==> flow/design.v <==
module scratch_n #(
    parameter integer D = 6,
    parameter integer DWIDTH = 40,
    parameter integer AW = $clog2(D)
) (
    input  clk,
    input  [AW-1:0] index_in,
    input  write_in,
    input  [DWIDTH-1:0] din_in,
    output [DWIDTH-1:0] q_out
);
    reg [DWIDTH-1:0] array [0:D-1];
    always @(posedge clk)
        if (write_in) array[index_in] <= din_in;
    assign q_out = write_in ? din_in : array[index_in];
endmodule
== Step by step through the tools: scratch_n ==
What the tools print for scratch_n, step after step.
Line numbers count from 1 in the design file above.
Operators carry their Yosys type and port widths (W data, S select, Z words).
Library cell names are shortened.
Not given: n/a
Set-up
  design top: scratch_n
  clock input: clk
  library: sky130hd
  timing corner: tt_025C_1v80

== After elaboration ==
Yosys after proc, flatten, opt, wreduce and memory -nomap, before mapping. Enables and synchronous resets that opt folds into registers are not counted as muxes. Memory bits, and registers merged into a memory's read port (data or address), are not among the register bits. Print and check cells are not counted. Equal cells are merged and count once.
Memory sizes are those after Yosys's memory passes, which may raise the word count (mostly to a power of two), join words into wider ones and drop unused or constant bits.
Cells by class
  muxes and demuxes: 4
Operators with widths (number)
  $mux W40: 2
  $mux W3: 1
  $mux W1: 1
Storage and ports
  register bits: 0
  memory bits (writable): 240
  memories: 1
  input port bits: 45
  output and inout bits: 40
  word-level cells: 5
Memories
  array: depth 6, bits a word 40, rd ports 1, wr ports 1, RTL line 12  | reg [DWIDTH-1:0] array [0:D-1];

== Depth ==
Depth = most cells in a row (Yosys ltp): at word level without a register or memory, in the mapped netlist without a sequential cell, where the memories' decode and read muxes count.
Logic depth
  word-level depth: 1
  ABC_AREA: 0
  mapped depth: 6
  gate-level depth less buffers: 3

== Synthesis result ==
Yosys stat after the flow's synthesis: flattened, memories mapped to cells. It holds for the ABC_AREA given above (unset counts as 0); a run with the other value may have another netlist.
Synthesis totals
  cells in the netlist: 528
  synthesis area: 0.0095704 mm2
  sequential area: 0.0072069 mm2
  flip-flop cells: 240
Cell types
  edfxtp_1: number 240, total area 7.21E+03 um2
  mux2i_1: number 120, total area 1.2E+03 um2
  o22a_1: number 40, total area 350.336 um2
  o22ai_1: number 40, total area 250.24 um2
  buf_8: number 7, total area 105.101 um2
  o21ai_0: number 20, total area 100.096 um2
  o21ai_1: number 20, total area 100.096 um2
  buf_6: number 4, total area 45.043 um2
  clkbuf_1: number 11, total area 41.29 um2
  buf_4: number 5, total area 37.536 um2
  buf_2: number 5, total area 25.024 um2
  buf_12: number 1, total area 20.019 um2
  clkbuf_4: number 2, total area 15.014 um2
  nand2b_1: number 2, total area 12.512 um2
  nor3b_2: number 1, total area 12.512 um2
  nor3_1: number 2, total area 10.01 um2
  and4_1: number 1, total area 8.758 um2
  inv_2: number 2, total area 7.507 um2
Not listed: further types 3, cells in them 5.

== Timing after synthesis ==
Source: OpenSTA report_checks on the synthesized netlist (no wires, ideal clock, input and output delay 20% of the period each), path of least setup slack; recovery checks are left aside. Register names are those of the netlist, which keeps one name where synthesis merged equal registers.
Timing after synthesis
  path kind: input-to-reg
  start point: in index_in[0]
  end point: mem array[0][0]
  clock period: 5570 ps
  input delay: 1114 ps
  setup time: 487 ps
  time at the first pin: 1114 ps
  data arrival time: 4192 ps
  path slack: 891 ps
  path delay: 3565 ps
  stages: 3
  buffers on the path: 2
  synthesis period reached: 4679 ps
"path delay" = arrival - input delay + setup time.
"stages" counts driving pins, that of a launching flip-flop among them; a cell with two outputs on the path counts twice.
"synthesis period reached" is the clock period less the worst setup slack; recovery checks do not enter. This is arithmetic on one report: input and output delays are still those of the set period (20% each).
Between the ends stands the longest chain of elaborated cells between them, by number of cells; it is not shown to be the way that was timed. Of several equally long chains one is given.
Each line given opens the expression or statement behind the cell; cells for indexed reads and writes are added by Yosys, which also makes memories of some case tables.
On the way, after synthesis
  cells stage by stage: buf_6 buf_4 nor3_1
  length of the longest elaborated chain: 1
  elaborated cells between the ends (all ways): 1
  RTL lines with such cells: 1
Ends and longest elaborated chain, after synthesis
  from (decl): RTL line 7  | input  [AW-1:0] index_in,
  $mux W3: RTL line 14  | if (write_in) array[index_in] <= din_in;
  to (decl): RTL line 12  | reg [DWIDTH-1:0] array [0:D-1];

== Worst path after layout ==
From the final timing report of flow run A: the path of least setup slack in the routed layout; clock arrival at registers is part of the times.
The report prints the path's times to 10 ps; the period is as set.
Timing after layout
  path kind: input-to-output
  start point: in index_in[2]
  end point: out q_out[27]
  clock period: 3890 ps
  input delay: 780 ps
  output delay: 780 ps
  time at the first pin: 780 ps
  data arrival time: 2910 ps
  path slack: 200 ps
  stages: 6
  buffers on the path: 3
Between the ends stands the longest chain of elaborated cells between them, by number of cells; it is not shown to be the way that was timed. Of several equally long chains one is given.
The chain passes a memory read, where the word-level depth is cut; so it can be longer than that depth.
On the way, after layout
  cells stage by stage: clkdlybuf4s50_1 or2_2 buf_12 o22ai_1 o22a_1 clkdlybuf4s50_1
  length of the longest elaborated chain: 2
  elaborated cells between the ends (all ways): 2
  RTL lines with such cells: 2
Ends and longest elaborated chain, after layout
  from (decl): RTL line 7  | input  [AW-1:0] index_in,
  $mem_v2 Z6 W40: RTL line 12  | reg [DWIDTH-1:0] array [0:D-1];
  $mux W40: RTL line 15  | assign q_out = write_in ? din_in : array[index_in];
  to (decl): RTL line 10  | output [DWIDTH-1:0] q_out

3 stored runs of scratch_n in the flow (synthesis by Yosys, layout by OpenROAD, sky130hd cells), in arbitrary order. Constraints: input delay and output delay 20% of the set period each, output load 0.01 pF.
By "achieved period" is meant the clock period of the run minus its worst setup slack. This is arithmetic on one report: input and output delays are still those of the set period (20% each).
"time on the worst setup path" means the part of the period allowed to the worst setup path (the constraints hold back 20% at inputs and 20% at outputs) less its slack; where the path has registers, the arrival times of their clocks count too.
By "total power of the final layout" is meant OpenSTA's value without simulated activity: inputs other than the clock are taken to toggle once in ten clock periods, and the tool carries that through the logic.
"time on the worst setup path" is known to 10 ps.

==> flow run A: settings <==
{ "period_ns": 3.89, "CORE_UTILIZATION": 50, "SETUP_SLACK_MARGIN": -0.38, "PLACE_DENSITY": 0.5, "CORE_MARGIN": 5, "CELL_PAD_IN_SITES_GLOBAL_PLACEMENT": 1, "TNS_END_PERCENT": 35, "CTS_CLUSTER_SIZE": 48, "CAP_MARGIN": 20, "SLEW_MARGIN": 20 }
==> flow run A: results <==
utilization after routing: 0.616
setup slack of the critical path: 199 ps
total power of the final layout: 5.752 mW
achieved period: 3691 ps
total die area: 0.0220077 mm2
standard-cell area after layout: 0.0115698 mm2
chip area in the Yosys report: 0.0095704 mm2
setup total negative slack: 0 ps
time on the worst setup path: 2140 ps
kind of the worst setup path: input-to-output
post-route worst hold slack: 988 ps

==> flow run B: settings <==
{ "period_ns": 5.57, "CAP_MARGIN": 20, "CORE_MARGIN": 2, "CORE_UTILIZATION": 40, "SLEW_MARGIN": 20 }
==> flow run B: results <==
utilization after routing: 0.489
setup slack of the critical path: 1092 ps
total power of the final layout: 3.970 mW
achieved period: 4478 ps
total die area: 0.0251793 mm2
standard-cell area after layout: 0.011471 mm2
chip area in the Yosys report: 0.0095704 mm2
setup total negative slack: 0 ps
time on the worst setup path: 2250 ps
kind of the worst setup path: input-to-output
post-route worst hold slack: 1322 ps

==> flow run C: settings <==
{ "period_ns": 3.08, "CORE_UTILIZATION": 46, "SETUP_SLACK_MARGIN": 0.4, "PLACE_DENSITY": 0.93, "GPL_TIMING_DRIVEN": 0, "SLEW_MARGIN": 10, "MIN_ROUTING_LAYER": "met1", "MAX_ROUTING_LAYER": "met5", "CAP_MARGIN": 20, "CORE_MARGIN": 2 }
==> flow run C: results <==
utilization after routing: 0.581
setup slack of the critical path: 406 ps
total power of the final layout: 7.162 mW
achieved period: 2674 ps
total die area: 0.0219751 mm2
standard-cell area after layout: 0.0117926 mm2
chip area in the Yosys report: 0.0095704 mm2
setup total negative slack: 0 ps
time on the worst setup path: 1440 ps
kind of the worst setup path: input-to-output
post-route worst hold slack: 631 ps
